==> flow/design.v <==
module dp_add_core #(
  parameter NBITS = 10
) (
  input sys_clk,
  input aresetn,
  input ce,
  input [NBITS-1:0] A_i,
  input [NBITS-1:0] B_i,
  output [NBITS-1:0] total_o
);
  reg [NBITS-1:0] A_r;
  reg [NBITS-1:0] B_r;
  reg [NBITS:0] t_r;
  reg [NBITS-1:0] total_r;
  assign total_o = total_r;
  always @(posedge sys_clk or negedge aresetn) begin
    if (!aresetn) begin
      A_r <= 0;
      B_r <= 0;
      t_r <= 0;
      total_r <= 0;
    end else if (ce) begin
      A_r <= A_i;
      B_r <= B_i;
      t_r <= A_r + B_r;
      total_r <= t_r[NBITS] ? {NBITS{1'b1}} : t_r[NBITS-1:0];
    end
  end
endmodule
* From RTL to reports: dp_add_core
Tool output for the design above, in the order of the flow.
Line numbers count from 1 in the design file above.
Cell names lack the library's common part.
A cell with - has no value.
- Design top :: dp_add_core
- Clock port :: sys_clk
- Library :: sky130hd
- Library corner :: tt_025C_1v80

* Elaborated design
Yosys after proc, flatten, opt, wreduce and memory -nomap, before mapping. Enables and synchronous resets that opt folds into registers are not counted as muxes. Memory bits, and registers merged into a memory's read port (data or address), are not among the register bits. Print and check cells are not counted. Equal cells are merged and count once.
- Register bits :: 41
- Input bits :: 23
- Cells after elaboration :: 6
- Output and inout port bits :: 10
- Multiplexer cells :: 1
- Add/subtract/negate cells :: 1
** Operators with widths (count)
- adder 10 x 10 -> 11 bit :: 1
- 2-to-1 mux 10 bit :: 1

* Longest topological paths
Longest topological path by Yosys (ltp), each cell counted once; first at word level (registers and memories cut), then after technology mapping (sequential cells cut; the memories' decode and read muxes count).
- Depth in word-level cells :: 1
- ABC_AREA :: 0
- Gate-level depth with buffers :: 8
- Gate-level depth less buffers :: 8

* Netlist
Yosys stat after the flow's synthesis: flattened, memories mapped to cells. It holds for the ABC_AREA given above (unset counts as 0); a run with the other value may have another netlist.
** Cell types
- dfrtp_1 :: count 41, total area 1.03E+03 µm²
- mux2_2 :: count 22, total area 247.738 µm²
- ha_1 :: count 10, total area 125.12 µm²
- nor2_1 :: count 26, total area 97.594 µm²
- a21oi_1 :: count 15, total area 75.072 µm²
- o21ai_0 :: count 7, total area 35.034 µm²
- xnor2_1 :: count 4, total area 35.034 µm²
- nand2_1 :: count 8, total area 30.029 µm²
- a211oi_1 :: count 3, total area 22.522 µm²
- fa_1 :: count 1, total area 20.019 µm²
- o31a_1 :: count 2, total area 17.517 µm²
- a21o_1 :: count 2, total area 15.014 µm²
- buf_2 :: count 3, total area 15.014 µm²
- inv_1 :: count 4, total area 15.014 µm²
- mux2_4 :: count 1, total area 15.014 µm²
- nor2b_4 :: count 1, total area 13.763 µm²
- nand2b_1 :: count 2, total area 12.512 µm²
- clkbuf_1 :: count 3, total area 11.261 µm²
Not listed: further types 17, cells in them 19.
- Mapped flip-flops :: 41
- Buffers :: 8
- Synthesis area :: 1960.6 µm²
- Mapped cells :: 174

* Timing after synthesis
Path of least setup slack by OpenSTA after synthesis, without wires, with an ideal clock, recovery checks aside; 20% of the period is set as input and as output delay. Where synthesis merged equal registers, the netlist keeps one of their names.
- Path kind :: reg-to-reg
- Start point :: register A_r[0]
- End point :: register t_r[8]
- Setup time :: 125 ps
- Clock period :: 2290 ps
- Arrival time :: 1705 ps
- Time at the first pin :: 0 ps
- Path delay :: 1830 ps
- Path slack :: 460 ps
- Stages on the path :: 9
- Period reached after synthesis :: 1830 ps
"path delay" = arrival - input delay + setup time.
"stages on the path" counts driving pins, that of a launching flip-flop among them; a cell with two outputs on the path counts twice.
"period reached after synthesis" = period - worst setup slack (recovery checks aside). The figure is calculated, with input and output delays left at 20% of the set period.
Between the ends stands the longest chain of elaborated cells between them, by number of cells; it is not shown to be the way that was timed. Of several equally long chains one is given.
Each line given opens the expression or statement behind the cell; cells for indexed reads and writes are added by Yosys, which also makes memories of some case tables.
- Cells stage by stage :: dfrtp_1 > ha_1 > inv_1 > fa_1 > nor2b_4 > o31a_1 > o21ai_2 > xnor2_1 > mux2_4
- Cells in the longest elaborated chain :: 1
- Elaborated cells between the ends (all ways) :: 1
- RTL lines with such cells :: 1
- Classes of those cells :: 1 x add/sub
** Ends and longest elaborated chain, after synthesis
- start, declared :: RTL line 11 : reg [NBITS-1:0] A_r;
- start, assigned :: RTL line 18 : A_r <= 0;
- start, assigned :: RTL line 23 : A_r <= A_i;
- adder 10 x 10 -> 11 bit :: RTL line 25 : t_r <= A_r + B_r;
- end, assigned :: RTL line 20 : t_r <= 0;
- end, assigned :: RTL line 25
- end, declared :: RTL line 13 : reg [NBITS:0] t_r;

* Path in the finished layout
Path of least setup slack in the final report of entry A (OpenROAD, finished layout, wires in). Where an end is a register, its clock arrival counts in the times.
The path's times are printed in steps of 10 ps; the period is the one set.
- Path kind :: reg-to-reg
- Start point :: register B_r[0]
- End point :: register t_r[8]
- Clock period :: 2290 ps
- Setup time :: 110 ps
- Arrival time :: 2130 ps
- Stages on the path :: 9
- Path slack :: 340 ps
- Time at the first pin :: 290 ps
Between the ends stands the longest chain of elaborated cells between them, by number of cells; it is not shown to be the way that was timed. Of several equally long chains one is given.
- Cells stage by stage :: dfrtp_1 > ha_1 > inv_1 > fa_1 > nor2b_4 > o31a_1 > o21ai_2 > xnor2_1 > mux2_4
- Cells in the longest elaborated chain :: 1
- Elaborated cells between the ends (all ways) :: 1
- RTL lines with such cells :: 1
- Classes of those cells :: 1 x add/sub
** Ends and longest elaborated chain, after layout
- start, declared :: RTL line 12 : reg [NBITS-1:0] B_r;
- start, assigned :: RTL line 19 : B_r <= 0;
- start, assigned :: RTL line 24 : B_r <= B_i;
- adder 10 x 10 -> 11 bit :: RTL line 25 : t_r <= A_r + B_r;
- end, assigned :: RTL line 20 : t_r <= 0;
- end, assigned :: RTL line 25
- end, declared :: RTL line 13 : reg [NBITS:0] t_r;

Appendix: measured runs

Record of 3 stored runs of the RTL-to-layout flow on dp_add_core, platform sky130hd. The runs are unordered. Constraints: input delay and output delay 20% of the set period each, output load 0.01 pF.
"critical setup path time" = time allowed to the worst setup path (clock period - input delay - output delay, where it has them) - its slack; a late launch clock adds to it, a late capture clock takes from it.
"total power after layout" rests on the timing tool's default activity at the inputs, not on a simulated workload.
"critical setup path time" is known to 10 ps.

* Entry A
** Files
==> flow/run.sh <==
#!/bin/bash
# the make line also repeats the synthesis and layout settings of config.mk as NAME=value (left out here)
make -C /OpenROAD-flow-scripts/flow DESIGN_CONFIG=/design/flow/config.mk WORK_HOME=/design/flow/orfs CLKGATE_MAP_FILE= finish
==> flow/config.mk <==
export PLATFORM = sky130hd
export DESIGN_NAME = dp_add_core
export DESIGN_NICKNAME = dp_add_core
export VERILOG_FILES = /design/flow/design.v
export SDC_FILE = /design/flow/constraint.sdc
export NUM_CORES = 4
export LEC_CHECK = 0
export CAP_MARGIN = 20
export CORE_MARGIN = 2
export CORE_UTILIZATION = 40
export SLEW_MARGIN = 20
==> flow/constraint.sdc <==
create_clock -name core_clock -period 2.29 [get_ports {sys_clk}]
set_input_delay 0.4580 -clock core_clock [delete_from_list [all_inputs] [get_ports {sys_clk}]]
set_output_delay 0.4580 -clock core_clock [all_outputs]
set_load 0.01 [all_outputs]
** Results
- Synthesis area :: 1960.6 µm²
- Overall die area :: 5477.5 µm²
- Standard-cell area after layout :: 2439.8 µm²
- Worst slack on setup checks :: 345 ps
- Total power after layout :: 2105 uW
- Critical setup path time :: 1950 ps
- Type of the worst setup path :: reg-to-reg

* Entry B
** Files
==> flow/run.sh <==
#!/bin/bash
# the make line also repeats the synthesis and layout settings of config.mk as NAME=value (left out here)
make -C /OpenROAD-flow-scripts/flow DESIGN_CONFIG=/design/flow/config.mk WORK_HOME=/design/flow/orfs CLKGATE_MAP_FILE= finish
==> flow/config.mk <==
export PLATFORM = sky130hd
export DESIGN_NAME = dp_add_core
export DESIGN_NICKNAME = dp_add_core
export VERILOG_FILES = /design/flow/design.v
export SDC_FILE = /design/flow/constraint.sdc
export NUM_CORES = 4
export LEC_CHECK = 0
export ABC_AREA = 0
export CAP_MARGIN = 20
export CORE_ASPECT_RATIO = 1.68
export CORE_MARGIN = 2
export CORE_UTILIZATION = 57
export GPL_ROUTABILITY_DRIVEN = 1
export PLACE_DENSITY_LB_ADDON = 0.3
export SETUP_SLACK_MARGIN = 0.2
export SLEW_MARGIN = 20
==> flow/constraint.sdc <==
create_clock -name core_clock -period 1.15 [get_ports {sys_clk}]
set_input_delay 0.2300 -clock core_clock [delete_from_list [all_inputs] [get_ports {sys_clk}]]
set_output_delay 0.2300 -clock core_clock [all_outputs]
set_load 0.01 [all_outputs]
** Results
- Synthesis area :: 1960.6 µm²
- Overall die area :: 3940.7 µm²
- Standard-cell area after layout :: 2783.9 µm²
- Worst slack on setup checks :: -782 ps
- Total power after layout :: 4560 uW
- Critical setup path time :: 1930 ps
- Type of the worst setup path :: reg-to-reg

* Entry C
** Files
==> flow/run.sh <==
#!/bin/bash
# the make line also repeats the synthesis and layout settings of config.mk as NAME=value (left out here)
make -C /OpenROAD-flow-scripts/flow DESIGN_CONFIG=/design/flow/config.mk WORK_HOME=/design/flow/orfs CLKGATE_MAP_FILE= finish
==> flow/config.mk <==
export PLATFORM = sky130hd
export DESIGN_NAME = dp_add_core
export DESIGN_NICKNAME = dp_add_core
export VERILOG_FILES = /design/flow/design.v
export SDC_FILE = /design/flow/constraint.sdc
export NUM_CORES = 4
export LEC_CHECK = 0
export CAP_MARGIN = 20
export CELL_PAD_IN_SITES_DETAIL_PLACEMENT = 0
export CELL_PAD_IN_SITES_GLOBAL_PLACEMENT = 2
export CORE_ASPECT_RATIO = 1.85
export CORE_MARGIN = 4
export CORE_UTILIZATION = 65
export CTS_CLUSTER_SIZE = 79
export GPL_TIMING_DRIVEN = 0
export MIN_ROUTING_LAYER = met1
export PLACE_DENSITY_LB_ADDON = 0.13
export SETUP_SLACK_MARGIN = -0.26
export SLEW_MARGIN = 0
export TNS_END_PERCENT = 80
==> flow/constraint.sdc <==
create_clock -name core_clock -period 2.66 [get_ports {sys_clk}]
set_input_delay 0.5320 -clock core_clock [delete_from_list [all_inputs] [get_ports {sys_clk}]]
set_output_delay 0.5320 -clock core_clock [all_outputs]
set_load 0.01 [all_outputs]
** Results
No results, placement failed with FLW-0024.
